==> flow/design.v <==
module my_reg_file_mod_entry #(parameter N = 8) (
  input wire clk,
  input wire en,
  input wire [N-1:0] d,
  output reg [N-1:0] q
);
  always @(posedge clk)
    if (en) q <= d;
endmodule
module my_reg_file_mod (aclk, rst_i, wr_en, wa, wdata, rsel, rdata);
  parameter WORDS = 64;
  parameter WIDTH = 20;
  parameter NUM_RD = 3;
  localparam ADDR_W = $clog2(WORDS);
  input aclk;
  input rst_i;
  input wr_en;
  input [ADDR_W-1:0] wa;
  input [WIDTH-1:0] wdata;
  input [NUM_RD*ADDR_W-1:0] rsel;
  output [NUM_RD*WIDTH-1:0] rdata;
  reg wr_en_r;
  reg [ADDR_W-1:0] wa_r;
  reg [WIDTH-1:0] wdata_r;
  always @(posedge aclk) begin
    if (rst_i) begin
      wr_en_r <= 1'b0;
      wa_r <= 0;
      wdata_r <= 0;
    end else begin
      wr_en_r <= wr_en;
      wa_r <= wa;
      wdata_r <= wdata;
    end
  end
  wire [WORDS*WIDTH-1:0] store;
  genvar i;
  generate
    for (i = 0; i < WORDS; i = i + 1) begin : blk
      my_reg_file_mod_entry #(.N(WIDTH)) u (.clk(aclk), .en(wr_en_r && wa_r == i), .d(wdata_r), .q(store[i*WIDTH +: WIDTH]));
    end
  endgenerate
  reg [NUM_RD*ADDR_W-1:0] rsel_r;
  always @(posedge aclk) begin
    if (rst_i) begin
      rsel_r <= 0;
    end else begin
      rsel_r <= rsel;
    end
  end
  wire [NUM_RD*WIDTH-1:0] work;
  genvar j;
  generate
    for (j = 0; j < NUM_RD; j = j + 1) begin : each
      assign work[j*WIDTH +: WIDTH] = store[rsel_r[j*ADDR_W +: ADDR_W]*WIDTH +: WIDTH];
    end
  endgenerate
  reg [NUM_RD*WIDTH-1:0] rdata_r;
  always @(posedge aclk) begin
    if (rst_i) begin
      rdata_r <= 0;
    end else begin
      rdata_r <= work;
    end
  end
  assign rdata = rdata_r;
endmodule
From RTL to reports: my_reg_file_mod
What the tools print for my_reg_file_mod, step after step.
Line numbers count from 1 in the design file above.
Cell names lack the library's common part.
{ "inputs": {"top": "my_reg_file_mod", "clock": "aclk", "library": "sky130hd", "corner": "tt_025C_1v80"} }

Word level
Counts by Yosys on the flattened word-level netlist (proc, flatten, opt, wreduce; memories kept). Register bits leave out memories and registers merged into their read ports (data or address); mux counts leave out enables and synchronous resets folded into registers. Print and check cells are left out. Cells with the same type and inputs are merged into one.
{ "classes": {"reduce_and_logical": 65, "mul": 3, "n_shift": 3, "n_eq": 63} }
{ "ops": {"columns": ["cell", "count"], "rows": [
  ["indexed select 1280 x 12 -> 20 bit", 3],
  ["== test 6 bit (second input constant)", 32],
  ["== test 6 x 5 -> 1 bit (second input constant)", 16],
  ["multiplier 6 x 3 -> 9 bit (second input constant)", 3],
  ["logical AND 1 bit", 64],
  ["== test 6 x 4 -> 1 bit (second input constant)", 8],
  ["== test 6 x 3 -> 1 bit (second input constant)", 4],
  ["== test 6 x 2 -> 1 bit (second input constant)", 2],
  ["== test 6 x 1 -> 1 bit (second input constant)", 1],
  ["logical NOT 6 bit", 1]
]} }
{ "bits": {"word_cells": 203, "regBits": 1385, "inputBits": 47, "out_inout_bits": 60} }

Longest topological paths
Yosys ltp: most cells in a row. Word level: on the elaborated netlist, between registers, memories and ports. Mapped: between sequential cells and ports; inverters and the memories' decode and read muxes count.
{ "logic_depth": {"ltp_word": 2, "ABC_AREA": 0, "mapped_depth": 11, "mapped_depth_nobuf": 5} }

Mapped cells and area
Yosys stat after the flow's synthesis: flattened, memories mapped to cells. It holds for the ABC_AREA given above (unset counts as 0); a run with the other value may have another netlist.
{ "by_type": {"columns": ["cell", "count", "type_area_um2"], "rows": [
  ["edfxtp_1", 1280, 3.84E+04],
  ["mux4_2", 985, 2.22E+04],
  ["dfxtp_1", 105, 2.1E+03],
  ["mux2i_1", 148, 1.48E+03],
  ["o22ai_1", 144, 900.864],
  ["mux2_2", 60, 675.648],
  ["buf_2", 132, 660.634],
  ["nor2b_1", 105, 656.88],
  ["nor2_1", 121, 454.186],
  ["clkbuf_1", 119, 446.678],
  ["buf_4", 59, 442.925],
  ["o221ai_1", 43, 376.611],
  ["o21ai_0", 56, 280.269],
  ["a221oi_1", 27, 236.477],
  ["nand2b_1", 37, 231.472],
  ["a21oi_1", 39, 195.187],
  ["a211oi_1", 24, 180.173],
  ["nand2_1", 44, 165.158]
]} }
Other cell types: 30; their cells: 208.
{ "mapped": {"flip_flops": 1385, "seqArea_um2": 40538.9, "mapped_area_um2": 71619.9, "stdcells": 3736} }
By module: a second synthesis without flattening, with its own total; a netlist apart from the flattened one above.
{ "hier_totals": {"hier_cells": 3760, "area_unflattened_um2": 71765.1} }
Each row is one instance without its submodules.
{ "modules": {"columns": ["module", "cells", "mod_area_um2", "n_inst"], "rows": [
  ["my_reg_file_mod_entry #(N=20)", 20, 600.6, 64],
  ["my_reg_file_mod", 2480, 33328.2, 1]
]} }

Worst setup path after synthesis
OpenSTA on the mapped netlist: ideal clock, no wires. The path of least setup slack (recovery checks aside). Input and output delay are each 20% of the period. Register names are those of the netlist, which keeps one name where synthesis merged equal registers.
{ "synth_timing": {"path_kind": "register -> register", "startpoint": "register wr_en_r", "endpoint": "register blk[3].u.q[0]", "delay_ps": 2433, "t_arrival_ps": 2036, "path_buffers": 2, "setup_time_ps": 397, "t_first_pin_ps": 0, "tclk_ps": 3040, "driving_pins": 5, "path_slack_ps": 607, "synth_period_reached_ps": 2433} }
"delay_ps" = arrival - input delay + setup time.
"driving_pins": output pins that drive a net of the path, with the launching flip-flop's if there is one; two outputs of one cell count as two.
"synth_period_reached_ps" = period - worst setup slack (recovery checks aside). The figure is calculated, with input and output delays left at 20% of the set period.
Between the ends stands the longest chain of elaborated cells between them, by number of cells; it is not shown to be the way that was timed. Of several equally long chains one is given.
Each line given opens the expression or statement behind the cell; cells for indexed reads and writes are added by Yosys, which also makes memories of some case tables.
{ "synth_via": {"cell_sequence": "dfxtp_1 > or3b_2 > clkbuf_1 > clkbuf_1 > nor2_1", "elab_chain_len": 1, "cells_between": 1, "classes_between": "reduce/logical (1)"} }
{ "synth_lines": {"columns": ["element", "line_no", "source"], "rows": [
  ["start: declaration", 22, "reg wr_en_r;"],
  ["start: assignment", 27, "wr_en_r <= 1'b0;"],
  ["start: assignment", 31, "wr_en_r <= wr_en;"],
  ["logical AND 1 bit", 40, "my_reg_file_mod_entry #(.N(WIDTH)) u (.clk(aclk), .en(wr_en_r && wa_r == i), .d(wdata_r), .q(store[i*WIDTH +: ..."],
  ["end: assignment", 8, "if (en) q <= d;"],
  ["end: declaration", 5, "output reg [N-1:0] q"]
]} }

Worst path after layout
Path of least setup slack in the final report of stored run 1 (OpenROAD, finished layout, wires in). Where an end is a register, its clock arrival counts in the times.
The report prints the path's times to 10 ps; the period is as set.
{ "layout_timing": {"path_kind": "register -> register", "startpoint": "register rsel_r[12]", "endpoint": "register rdata_r[51]", "path_slack_ps": -520, "driving_pins": 7, "setup_time_ps": 90, "tclk_ps": 2100, "t_first_pin_ps": 860, "path_buffers": 2, "t_arrival_ps": 3350} }
Between the ends stands the longest chain of elaborated cells between them, by number of cells; it is not shown to be the way that was timed. Of several equally long chains one is given.
{ "layout_via": {"cell_sequence": "dfxtp_4 > buf_12 > buf_6 > mux4_2 > mux4_2 > nand2b_1 > a32o_1", "elab_chain_len": 2, "cells_between": 2, "classes_between": "mul (1); shift (1)"} }
{ "layout_lines": {"columns": ["element", "line_no", "source"], "rows": [
  ["start: declaration", 43, "reg [NUM_RD*ADDR_W-1:0] rsel_r;"],
  ["start: assignment", 46, "rsel_r <= 0;"],
  ["start: assignment", 48, "rsel_r <= rsel;"],
  ["multiplier 6 x 3 -> 9 bit", 55, "assign work[j*WIDTH +: WIDTH] = store[rsel_r[j*ADDR_W +: ADDR_W]*WIDTH +: WIDTH];"],
  ["indexed select 1280 x 12 -> 20 bit", 55, null],
  ["end: assignment", 61, "rdata_r <= 0;"],
  ["end: assignment", 63, "rdata_r <= work;"],
  ["end: declaration", 58, "reg [NUM_RD*WIDTH-1:0] rdata_r;"]
]} }

Design my_reg_file_mod on sky130hd. What follows are 2 stored runs of the flow, each under its own settings; their order means nothing. The constraints put input and output delay at 20% of the set period each and load the outputs with 0.01 pF.
"achieved clock period" = clock period - worst setup slack. The figure is calculated, with input and output delays left at 20% of the set period.
By "worst setup path time" is meant the share of the clock period that the worst setup path is allowed (20% is reserved at inputs, 20% at outputs), minus its slack. Clock arrival times at its registers enter into it.
"power" rests on the timing tool's default activity at the inputs, not on a simulated workload.
"worst setup path time" is known to 10 ps.

==> stored run 1: settings <==
{ "period_ns": 2.1, "CORE_UTILIZATION": 22, "PLACE_DENSITY_LB_ADDON": 0.09, "CORE_MARGIN": 9, "CELL_PAD_IN_SITES_GLOBAL_PLACEMENT": 2, "CTS_CLUSTER_SIZE": 30, "CTS_CLUSTER_DIAMETER": 355, "CAP_MARGIN": 20, "SLEW_MARGIN": 20 }
==> stored run 1: results <==
area of the synthesized netlist: 71,619.9 sq um
area of the die: 346,409.0 sq um
std-cell area (final layout): 97,237.0 sq um
utilization after routing: 0.3
worst setup slack after layout: -518 ps
post-route setup TNS: -22,173 ps
worst hold slack in the final report: 92 ps
power: 55,574 uW
achieved clock period: 2,618 ps
worst setup path time: 2,620 ps
kind of the worst setup path: register -> register

==> stored run 2: settings <==
{ "period_ns": 3.04, "CAP_MARGIN": 20, "CORE_MARGIN": 2, "CORE_UTILIZATION": 40, "SLEW_MARGIN": 20 }
==> stored run 2: results <==
area of the synthesized netlist: 71,619.9 sq um
area of the die: 182,449.0 sq um
std-cell area (final layout): 83,859.2 sq um
utilization after routing: 0.471
worst setup slack after layout: -2 ps
post-route setup TNS: -2 ps
worst hold slack in the final report: 149 ps
power: 44,639 uW
achieved clock period: 3,042 ps
worst setup path time: 3,040 ps
kind of the worst setup path: register -> register
